==> flow/design.v <==
module reg_word #(parameter N = 8) (
    input wire clk,
    input wire en,
    input wire [N-1:0] d,
    output reg [N-1:0] q
);
    always @(posedge clk)
        if (en) q <= d;
endmodule
module mem_p #(
    parameter NUM_REGS = 48,
    parameter DATA_W = 10,
    parameter RP = 4,
    parameter ADDR_W = $clog2(NUM_REGS)
) (
    input i_clk,
    input in_wr_en,
    input [ADDR_W-1:0] in_write_addr,
    input [DATA_W-1:0] in_wd,
    input [RP*ADDR_W-1:0] in_read_addr,
    output reg [RP*DATA_W-1:0] out_rd
);
    wire [NUM_REGS*DATA_W-1:0] array;
    genvar ii;
    generate
        for (ii = 0; ii < NUM_REGS; ii = ii + 1) begin : row
            reg_word #(.N(DATA_W)) i_sub (.clk(i_clk), .en(in_wr_en && in_write_addr == ii), .d(in_wd), .q(array[ii*DATA_W +: DATA_W]));
        end
    endgenerate
    wire [RP*DATA_W-1:0] cur;
    genvar m;
    generate
        for (m = 0; m < RP; m = m + 1) begin : gen
            assign cur[m*DATA_W +: DATA_W] = array[in_read_addr[m*ADDR_W +: ADDR_W]*DATA_W +: DATA_W];
        end
    endgenerate
    always @(posedge i_clk) begin
        out_rd <= cur;
    end
endmodule
* Reports on mem_p *
What the tools print for mem_p, step after step.
Lines are those of the file above, counted from 1.
Operators: Yosys type, input widths -> output width; for muxes data width and select width s.
Library cell names are shortened.
A cell with - has no value.

inputs
  design top = mem_p
  clock input = i_clk
  standard-cell library = sky130hd
  corner = tt_025C_1v80

* After elaboration *
Source: Yosys, flattened and elaborated, memories not mapped. Widths are those after wreduce; folded enables and synchronous resets count as part of the registers. Registers that Yosys merges into a memory's read port (data or address) are not register bits. Print and check cells do not count. Equal cells are merged and count once.

cells by class
  $add $sub $neg = 0
  divide/modulo/power cells = 0
  order comparisons = 0
  reduce/logical cells = 49
  bitwise operators = 0
  shift-type cells = 4
  multiplexer cells = 0
  equality and inequality tests = 47
  multipliers = 4

operators by type and width
  operator             number
  $shiftx 480x11->10   4
  $mul 6x3->9 const B  4
  $eq 6x5->1 const B   16
  $eq 6x6->1 const B   16
  $logic_and 1x1->1    48
  $eq 6x4->1 const B   8
  $eq 6x3->1 const B   4
  $eq 6x2->1 const B   2
  $eq 6x1->1 const B   1
  $logic_not 6->1      1

storage and ports
  bits in latches = 0
  output and inout port bits = 40
  input bits = 42
  ROM bits = 0
  clocked read ports x word width = 0
  memories kept = 0
  elaborated cells = 153
  RAM bits = 0
  flip-flop bits (word level) = 520

* Depth *
Longest topological path by Yosys (ltp), each cell counted once; first at word level (registers and memories cut), then after technology mapping (sequential cells cut; the memories' decode and read muxes count).

depth
  depth in word-level cells = 2
  ABC_AREA = 0
  gate-level depth with buffers = 7
  depth with buffers taken out = 4

* After synthesis *
Yosys stat after the flow's synthesis: flattened, memories mapped to cells. It holds for the ABC_AREA given above (unset counts as 0); a run with the other value may have another netlist.
The area totals of this step are shown rounded.

cells by type
  cell type  number  area in all (um^2)
  edfxtp_1   480     1.44E+04
  mux4_2     510     1.15E+04
  a22oi_1    160     1.2E+03
  dfxtp_1    40      800.768
  a211o_1    40      350.336
  mux2i_1    30      300.288
  clkbuf_1   67      251.491
  a21oi_1    50      250.24
  buf_2      46      230.221
  a21boi_1   30      225.216
  nor2_1     57      213.955
  buf_6      9       101.347
  nor2b_1    16      100.096
  buf_1      24      90.086
  buf_4      9       67.565
  buf_8      3       45.043
  nand2_1    9       33.782
  nand3_1    6       30.029

Not listed: further types 6, cells in them 13.

mapped netlist
  mapped flip-flops = 520
  buffers = 158
  sequential area = 15200 um^2
  standard cells after synthesis = 1599
  cell area after synthesis = 30300 um^2

By module: a second synthesis without flattening, with its own total; a netlist apart from the flattened one above.

second synthesis, totals
  cells (unflattened synthesis) = 1599
  area (unflattened synthesis) = 30200 um^2

Each row is one instance without its submodules.

by module
  module            seq. area (um^2)  area (um^2)  cells  times used
  mem_p             801               15800        1119   1
  reg_word #(N=10)  300               300          10     48

* Worst setup path after synthesis *
OpenSTA on the mapped netlist: ideal clock, no wires. The path of least setup slack (recovery checks aside). Input and output delay are each 20% of the period. Register names are those of the netlist, which keeps one name where synthesis merged equal registers.

timing post-synthesis
  kind = input -> register
  from = input in_read_addr[7]
  to = register out_rd[10]
  external input delay = 0.530 ns
  library setup time = 0.120 ns
  buffers on the path = 2
  time at the first pin = 0.530 ns
  clock period = 2.65 ns
  arrival = 2.105 ns
  driving pins on the path = 5
  data required time = 2.530 ns
  delay of the path = 1.695 ns
  slack = 0.426 ns
  period reached after synthesis = 2.224 ns

"delay of the path" is the arrival time less input delay plus setup time.
"driving pins on the path" counts driving pins, that of a launching flip-flop among them; a cell with two outputs on the path counts twice.
"period reached after synthesis" = period - worst setup slack (recovery checks aside). The figure is calculated, with input and output delays left at 20% of the set period.
Between the ends stands the longest chain of elaborated cells between them, by number of cells; it is not shown to be the way that was timed. Of several equally long chains one is given.
Each line given opens the expression or statement behind the cell; cells for indexed reads and writes are added by Yosys, which also makes memories of some case tables.

between the ends, post-synthesis
  cell sequence = buf_2 > clkbuf_1 > mux4_2 > mux4_2 > a211o_1
  cells in the longest elaborated chain = 2
  elaborated cells between the ends (all ways) = 2
  RTL lines with such cells = 1
  classes of those cells = mul: 1; shift: 1

ends and longest elaborated chain, post-synthesis
  what                RTL line  text
  from (decl)         20        input [RP*ADDR_W-1:0] in_read_addr,
  $mul 6x3->9         34        assign cur[m*DATA_W +: DATA_W] = array[in_read_addr[m*ADDR_W +: ADDR_W]*DATA_W +: DATA_W];
  $shiftx 480x11->10  34
  to (assign)         38        out_rd <= cur;
  to (decl)           21        output reg [RP*DATA_W-1:0] out_rd

* Path in the finished layout *
From the final timing report of entry A: the path of least setup slack in the routed layout; clock arrival at registers is part of the times.

timing post-layout
  kind = input -> register
  from = input in_read_addr[2]
  to = register out_rd[8]
  data required time = 3.28 ns
  clock period = 2.74 ns
  driving pins on the path = 6
  arrival = 2.67 ns
  external input delay = 0.55 ns
  library setup time = 0.07 ns
  slack = 0.62 ns
  time at the first pin = 0.55 ns
  buffers on the path = 2

Between the ends stands the longest chain of elaborated cells between them, by number of cells; it is not shown to be the way that was timed. Of several equally long chains one is given.

between the ends, post-layout
  cell sequence = clkdlybuf4s50_1 > nor2b_2 > buf_12 > a22oi_1 > a21boi_1 > a211o_1
  cells in the longest elaborated chain = 2
  elaborated cells between the ends (all ways) = 2
  RTL lines with such cells = 1
  classes of those cells = mul: 1; shift: 1

ends and longest elaborated chain, post-layout
  what                RTL line  text
  from (decl)         20        input [RP*ADDR_W-1:0] in_read_addr,
  $mul 6x3->9         34        assign cur[m*DATA_W +: DATA_W] = array[in_read_addr[m*ADDR_W +: ADDR_W]*DATA_W +: DATA_W];
  $shiftx 480x11->10  34
  to (assign)         38        out_rd <= cur;
  to (decl)           21        output reg [RP*DATA_W-1:0] out_rd

Hand-over note for mem_p

Stored flow runs of mem_p (3 of them; Yosys, OpenROAD, sky130hd). They differ in their settings and are not a sequence. Constraints: input delay and output delay 20% of the set period each, output load 0.01 pF.
Results are given in rounded form.
A setting shown as - is not set for that run.

name                                       entry A  entry B  entry C
period_ns                                  2.74     2.65     2.13
CORE_UTILIZATION                           33       40       62
SETUP_SLACK_MARGIN                         0.61     -        0.51
PLACE_DENSITY                              0.35     -        -
CORE_MARGIN                                10       2        4
CELL_PAD_IN_SITES_DETAIL_PLACEMENT         0        -        -
ABC_AREA                                   0        -        -
CAP_MARGIN                                 20       20       20
SLEW_MARGIN                                20       20       15
PLACE_DENSITY_LB_ADDON                     -        -        0.05
CORE_ASPECT_RATIO                          -        -        1.68
GPL_ROUTABILITY_DRIVEN                     -        -        1
Yosys chip area after synthesis (um^2)     30300    30300    30300
standard-cell area after layout (um^2)     37000    36200    38100
total negative slack on setup checks (ns)  0.000    0.000    0.000
setup slack of the critical path (ns)      0.616    0.267    0.122
die size (um^2)                            104000   77900    52600

End of note.
